==> flow/design.v <==
module multiplier_stage (clk, rs1, res);
  parameter integer DWIDTH = 5;
  parameter integer FACTOR = 365;
  localparam integer RES_W = DWIDTH + $clog2(FACTOR + 1);
  input clk;
  input [DWIDTH-1:0] rs1;
  output reg [RES_W-1:0] res;
  reg [RES_W-1:0] t;
  integer idx;
  always @* begin
    t = 0;
    for (idx = 0; idx < RES_W - DWIDTH; idx = idx + 1)
      if ((FACTOR >> idx) & 1) t = t + (rs1 << idx);
  end
  always @(posedge clk) begin
    res <= t;
  end
endmodule
Lab notebook: multiplier_stage

== Step by step through the tools: multiplier_stage ==
Tool output for the members of one design family, told apart by "DWIDTH", in the order of the flow.
The file above is the member DWIDTH=5. Line numbers count from 1 in each member's own file.
Operators: Yosys type, input widths -> output width; for muxes data width and select width s.
Cell names lack the library's common part.
The mark -- stands for no value.

* Design top: multiplier_stage
* Clock: clk
* Cell library: sky130hd
* Library corner: tt_025C_1v80

== Members of the sweep ==
New or changed lines of each further member against the RTL above, in its own file; lines it lacks are not shown.

{| class="wikitable"
|+ New or changed lines
! DWIDTH !! RTL line !! RTL
|-
| 7 || 2 || <nowiki>parameter integer DWIDTH = 7;</nowiki>
|-
| 28 || 2 || <nowiki>parameter integer DWIDTH = 28;</nowiki>
|-
| 36 || 2 || <nowiki>parameter integer DWIDTH = 36;</nowiki>
|-
| 56 || 2 || <nowiki>parameter integer DWIDTH = 56;</nowiki>
|}

== After elaboration ==
Source: Yosys, flattened and elaborated, memories not mapped. Widths are those after wreduce; folded enables and synchronous resets count as part of the registers. Registers that Yosys merges into a memory's read port (data or address) are not register bits. Print and check cells do not count. Equal cells are merged and count once.

{| class="wikitable"
|+ Word-level totals
! DWIDTH !! memory bits (writable) !! clocked read ports x word width !! input port bits !! ROM bits !! flip-flop bits (word level) !! bits in latches !! memory cells !! elaborated cells
|-
| 5 || 0 || 0 || 6 || 0 || 14 || 0 || 0 || 6
|-
| 7 || 0 || 0 || 8 || 0 || 16 || 0 || 0 || 6
|-
| 28 || 0 || 0 || 29 || 0 || 37 || 0 || 0 || 6
|-
| 36 || 0 || 0 || 37 || 0 || 45 || 0 || 0 || 6
|-
| 56 || 0 || 0 || 57 || 0 || 65 || 0 || 0 || 6
|}

{| class="wikitable"
|+ Cells by class
! DWIDTH !! order comparisons !! div/mod/pow operators !! multiplexer cells !! add/sub/neg operators !! shifts and indexed selects !! bitwise logic cells !! equality and inequality tests !! reduce/logical cells !! multiply operators
|-
| 5 || 0 || 0 || 0 || 5 || 0 || 0 || 0 || 0 || 0
|-
| 7 || 0 || 0 || 0 || 5 || 0 || 0 || 0 || 0 || 0
|-
| 28 || 0 || 0 || 0 || 5 || 0 || 0 || 0 || 0 || 0
|-
| 36 || 0 || 0 || 0 || 5 || 0 || 0 || 0 || 0 || 0
|-
| 56 || 0 || 0 || 0 || 5 || 0 || 0 || 0 || 0 || 0
|}

{| class="wikitable"
|+ Operator list
! DWIDTH !! kind and count
|-
| 5 || $add 12x13->14 (1); $add 11x11->12 (1); $add 9x10->11 (1); $add 8x8->9 (1); $add 5x7->8 (1)
|-
| 7 || $add 14x15->16 (1); $add 13x13->14 (1); $add 11x12->13 (1); $add 10x10->11 (1); $add 7x9->10 (1)
|-
| 28 || $add 35x36->37 (1); $add 34x34->35 (1); $add 32x33->34 (1); $add 31x31->32 (1); $add 28x30->31 (1)
|-
| 36 || $add 43x44->45 (1); $add 42x42->43 (1); $add 40x41->42 (1); $add 39x39->40 (1); $add 36x38->39 (1)
|-
| 56 || $add 63x64->65 (1); $add 62x62->63 (1); $add 60x61->62 (1); $add 59x59->60 (1); $add 56x58->59 (1)
|}

== Depth ==
Longest topological path by Yosys (ltp), each cell counted once; first at word level (registers and memories cut), then after technology mapping (sequential cells cut; the memories' decode and read muxes count).

{| class="wikitable"
|+ Depth
! DWIDTH !! depth in word-level cells !! ABC_AREA !! mapped depth
|-
| 5 || 5 || 0 || 11
|-
| 7 || 5 || 0 || 12
|-
| 28 || 5 || 0 || 16
|-
| 36 || 5 || 0 || 16
|-
| 56 || 5 || 0 || 17
|}

== After synthesis ==
Yosys stat after the flow's synthesis: flattened, memories mapped to cells. It holds for the ABC_AREA given above (unset counts as 0); a run with the other value may have another netlist.
The area totals of this step are shown rounded.

{| class="wikitable"
|+ Cells by type
! DWIDTH !! types with counts
|-
| 5 || dfxtp_1 (14); ha_1 (15); fa_1 (6); inv_1 (15); xnor2_1 (5); a21oi_1 (7); o21ai_0 (4); nand2_1 (4); nor2_1 (4); nor2b_4 (1); nor2b_1 (2); mux2i_1 (1); or4b_1 (1); o31a_1 (1); xor2_1 (1); a21o_1 (1); o211ai_1 (1); o21a_1 (1); (+3)
|-
| 7 || ha_1 (27); dfxtp_1 (16); fa_1 (13); inv_1 (23); xnor2_1 (8); nand3_1 (7); o41ai_2 (2); nor2_1 (8); o211ai_2 (2); a21oi_2 (2); a21oi_1 (3); a211oi_2 (1); nand2_1 (3); nand4b_1 (1); o221ai_1 (1); xor2_1 (1); nand2b_1 (1); nor2b_1 (1); (+3)
|-
| 28 || fa_1 (96); dfxtp_1 (37); inv_1 (189); ha_1 (52); xnor2_1 (15); a21oi_1 (26); xor2_1 (14); a21o_1 (11); nand2_1 (18); nor2_1 (15); o21bai_1 (7); o21ai_0 (10); nand4_1 (6); o21a_1 (5); a211oi_1 (4); clkbuf_1 (8); nand3_1 (6); a311oi_1 (3); (+55)
|-
| 36 || fa_1 (128); dfxtp_1 (45); inv_1 (239); ha_1 (61); a21oi_1 (50); a21o_1 (23); xnor2_1 (18); xor2_1 (16); nand2_1 (34); nor2_1 (26); o21ai_0 (18); nand3_1 (13); o21a_1 (6); nand4_1 (7); a211oi_1 (5); clkbuf_1 (10); nor3_1 (7); and3_1 (5); (+80)
|-
| 56 || fa_1 (208); dfxtp_1 (65); inv_1 (334); ha_1 (80); a21o_1 (45); a21oi_1 (61); xnor2_1 (33); xor2_1 (23); nand2_1 (52); o21ai_0 (35); nor2_1 (34); o21bai_1 (10); clkbuf_8 (5); nand4_1 (11); a211oi_1 (8); a21boi_0 (6); o211ai_1 (6); and3_1 (7); (+109)
|}

A list marked (+n) leaves out that many cells.

{| class="wikitable"
|+ Synthesis totals
! DWIDTH !! area of sequential cells (mm2) !! cell count !! buffer cells !! flip-flops !! mapped area (mm2)
|-
| 5 || 0.00028 || 87 || 0 || 14 || 0.00088
|-
| 7 || 0.00032 || 123 || 0 || 16 || 0.0013
|-
| 28 || 0.00074 || 577 || 8 || 37 || 0.0054
|-
| 36 || 0.0009 || 791 || 16 || 45 || 0.0071
|-
| 56 || 0.0013 || 1132 || 19 || 65 || 0.011
|}

== Worst setup path after synthesis ==
Source: OpenSTA report_checks on the synthesized netlist (no wires, ideal clock, input and output delay 20% of the period each), path of least setup slack; recovery checks are left aside. Register names are those of the netlist, which keeps one name where synthesis merged equal registers.

{| class="wikitable"
|+ Timing path after synthesis
! DWIDTH !! kind !! from !! to !! clock period (ns) !! delay of the path (ns) !! slack (ns) !! driving pins on the path !! synthesis period reached (ns)
|-
| 5 || input -> register || input port rs1[1] || register res[10] || 3.76 || 2.408 || 0.600 || 9 || 3.16
|-
| 7 || input -> register || input port rs1[0] || register res[13] || 4.33 || 2.773 || 0.691 || 10 || 3.639
|-
| 28 || input -> register || input port rs1[4] || register res[35] || 5.86 || 3.753 || 0.935 || 15 || 4.925
|-
| 36 || input -> register || input port rs1[15] || register res[42] || 5.8 || 3.715 || 0.925 || 16 || 4.875
|-
| 56 || input -> register || input port rs1[17] || register res[61] || 6.21 || 3.972 || 0.996 || 17 || 5.214
|}

"delay of the path" = arrival - input delay + setup time.
"driving pins on the path": output pins that drive a net of the path, with the launching flip-flop's if there is one; two outputs of one cell count as two.
"synthesis period reached" is the clock period less the worst setup slack; recovery checks do not enter. This is arithmetic on one report: input and output delays are still those of the set period (20% each).
Between the ends stands the longest chain of elaborated cells between them, by number of cells; it is not shown to be the way that was timed. Of several equally long chains one is given.
A line is the first line of the expression or statement that the cell stems from. Yosys adds cells for indexed reads and writes and turns some case tables into memories.

Between the ends, after synthesis, DWIDTH=5:
* Length of the longest elaborated chain: 5

{| class="wikitable"
|+ Ends and longest elaborated chain, after synthesis, DWIDTH=5
! element !! RTL line !! RTL
|-
| from (decl) || 6 || <nowiki>input [DWIDTH-1:0] rs1;</nowiki>
|-
| $add 5x7->8 || 13 || <nowiki>if ((FACTOR >> idx) & 1) t = t + (rs1 << idx);</nowiki>
|-
| $add 8x8->9 || 13 ||
|-
| $add 9x10->11 || 13 ||
|-
| $add 11x11->12 || 13 ||
|-
| $add 12x13->14 || 13 ||
|-
| to (assign) || 16 || <nowiki>res <= t;</nowiki>
|-
| to (decl) || 7 || <nowiki>output reg [RES_W-1:0] res;</nowiki>
|}

Between the ends, after synthesis, DWIDTH=56:
* Length of the longest elaborated chain: 5

{| class="wikitable"
|+ Ends and longest elaborated chain, after synthesis, DWIDTH=56
! element !! RTL line !! RTL
|-
| from (decl) || 6 || <nowiki>input [DWIDTH-1:0] rs1;</nowiki>
|-
| $add 56x58->59 || 13 || <nowiki>if ((FACTOR >> idx) & 1) t = t + (rs1 << idx);</nowiki>
|-
| $add 59x59->60 || 13 ||
|-
| $add 60x61->62 || 13 ||
|-
| $add 62x62->63 || 13 ||
|-
| $add 63x64->65 || 13 ||
|-
| to (assign) || 16 || <nowiki>res <= t;</nowiki>
|-
| to (decl) || 7 || <nowiki>output reg [RES_W-1:0] res;</nowiki>
|}

== Worst path after layout ==
Path of least setup slack in the final report of each member's run (OpenROAD, finished layout, wires in). Where an end is a register, its clock arrival counts in the times.

{| class="wikitable"
|+ Timing path after layout
! DWIDTH !! kind !! from !! to !! slack (ns) !! data arrival time (ns) !! driving pins on the path !! clock period (ns) !! buffers on the path
|-
| 5 || input -> register || input port rs1[3] || register res[10] || 0.36 || 3.63 || 10 || 3.76 || 1
|-
| 7 || input -> register || input port rs1[0] || register res[15] || 0.27 || 4.25 || 12 || 4.33 || 2
|-
| 28 || input -> register || input port rs1[0] || register res[35] || 0.33 || 5.69 || 16 || 5.86 || 1
|-
| 36 || input -> register || input port rs1[10] || register res[39] || 0.41 || 5.60 || 16 || 5.8 || 1
|-
| 56 || input -> register || input port rs1[12] || register res[41] || 0.43 || 6.06 || 17 || 6.21 || 1
|}

== Measured runs ==
Settings and results of one run of the flow (Yosys, OpenROAD) for each member follow. The constraints put input and output delay at 20% of the set period each and load the outputs with 0.01 pF.

* CAP_MARGIN: 20
* CORE_MARGIN: 2
* CORE_UTILIZATION: 40
* SLEW_MARGIN: 20

{| class="wikitable"
|+ Settings by member
! DWIDTH !! period_ns
|-
| 5 || 3.76
|-
| 7 || 4.33
|-
| 28 || 5.86
|-
| 36 || 5.8
|-
| 56 || 6.21
|}

{| class="wikitable"
|+ Final reports
! DWIDTH !! total power of the final layout (µW) !! standard-cell area of the final layout (mm2) !! utilization after routing !! die footprint (mm2) !! area of the synthesized netlist (mm2) !! smallest setup slack (ns) !! reached clock period (ns) !! worst hold slack in the final report (ns) !! total negative setup slack (ns)
|-
| 5 || 650 || 0.0012 || 0.58 || 0.0026 || 0.00088 || 0.36 || 3.397 || 1.1 || 0.000
|-
| 7 || 870 || 0.0017 || 0.56 || 0.0037 || 0.0013 || 0.27 || 4.065 || 1.2 || 0.000
|-
| 28 || 3300 || 0.0065 || 0.49 || 0.014 || 0.0054 || 0.33 || 5.533 || 1.5 || 0.000
|-
| 36 || 4500 || 0.0085 || 0.49 || 0.019 || 0.0071 || 0.41 || 5.394 || 1.5 || 0.000
|-
| 56 || 6700 || 0.013 || 0.5 || 0.028 || 0.011 || 0.43 || 5.785 || 1.5 || 0.000
|}

"reached clock period" is the run's clock period less its worst setup slack. It is reckoned from that one timing run; input and output delays stay at 20% of the period that was set.
"total power of the final layout" is the tool's figure for a default switching activity; nothing was simulated.
Values from the reports are rounded here.
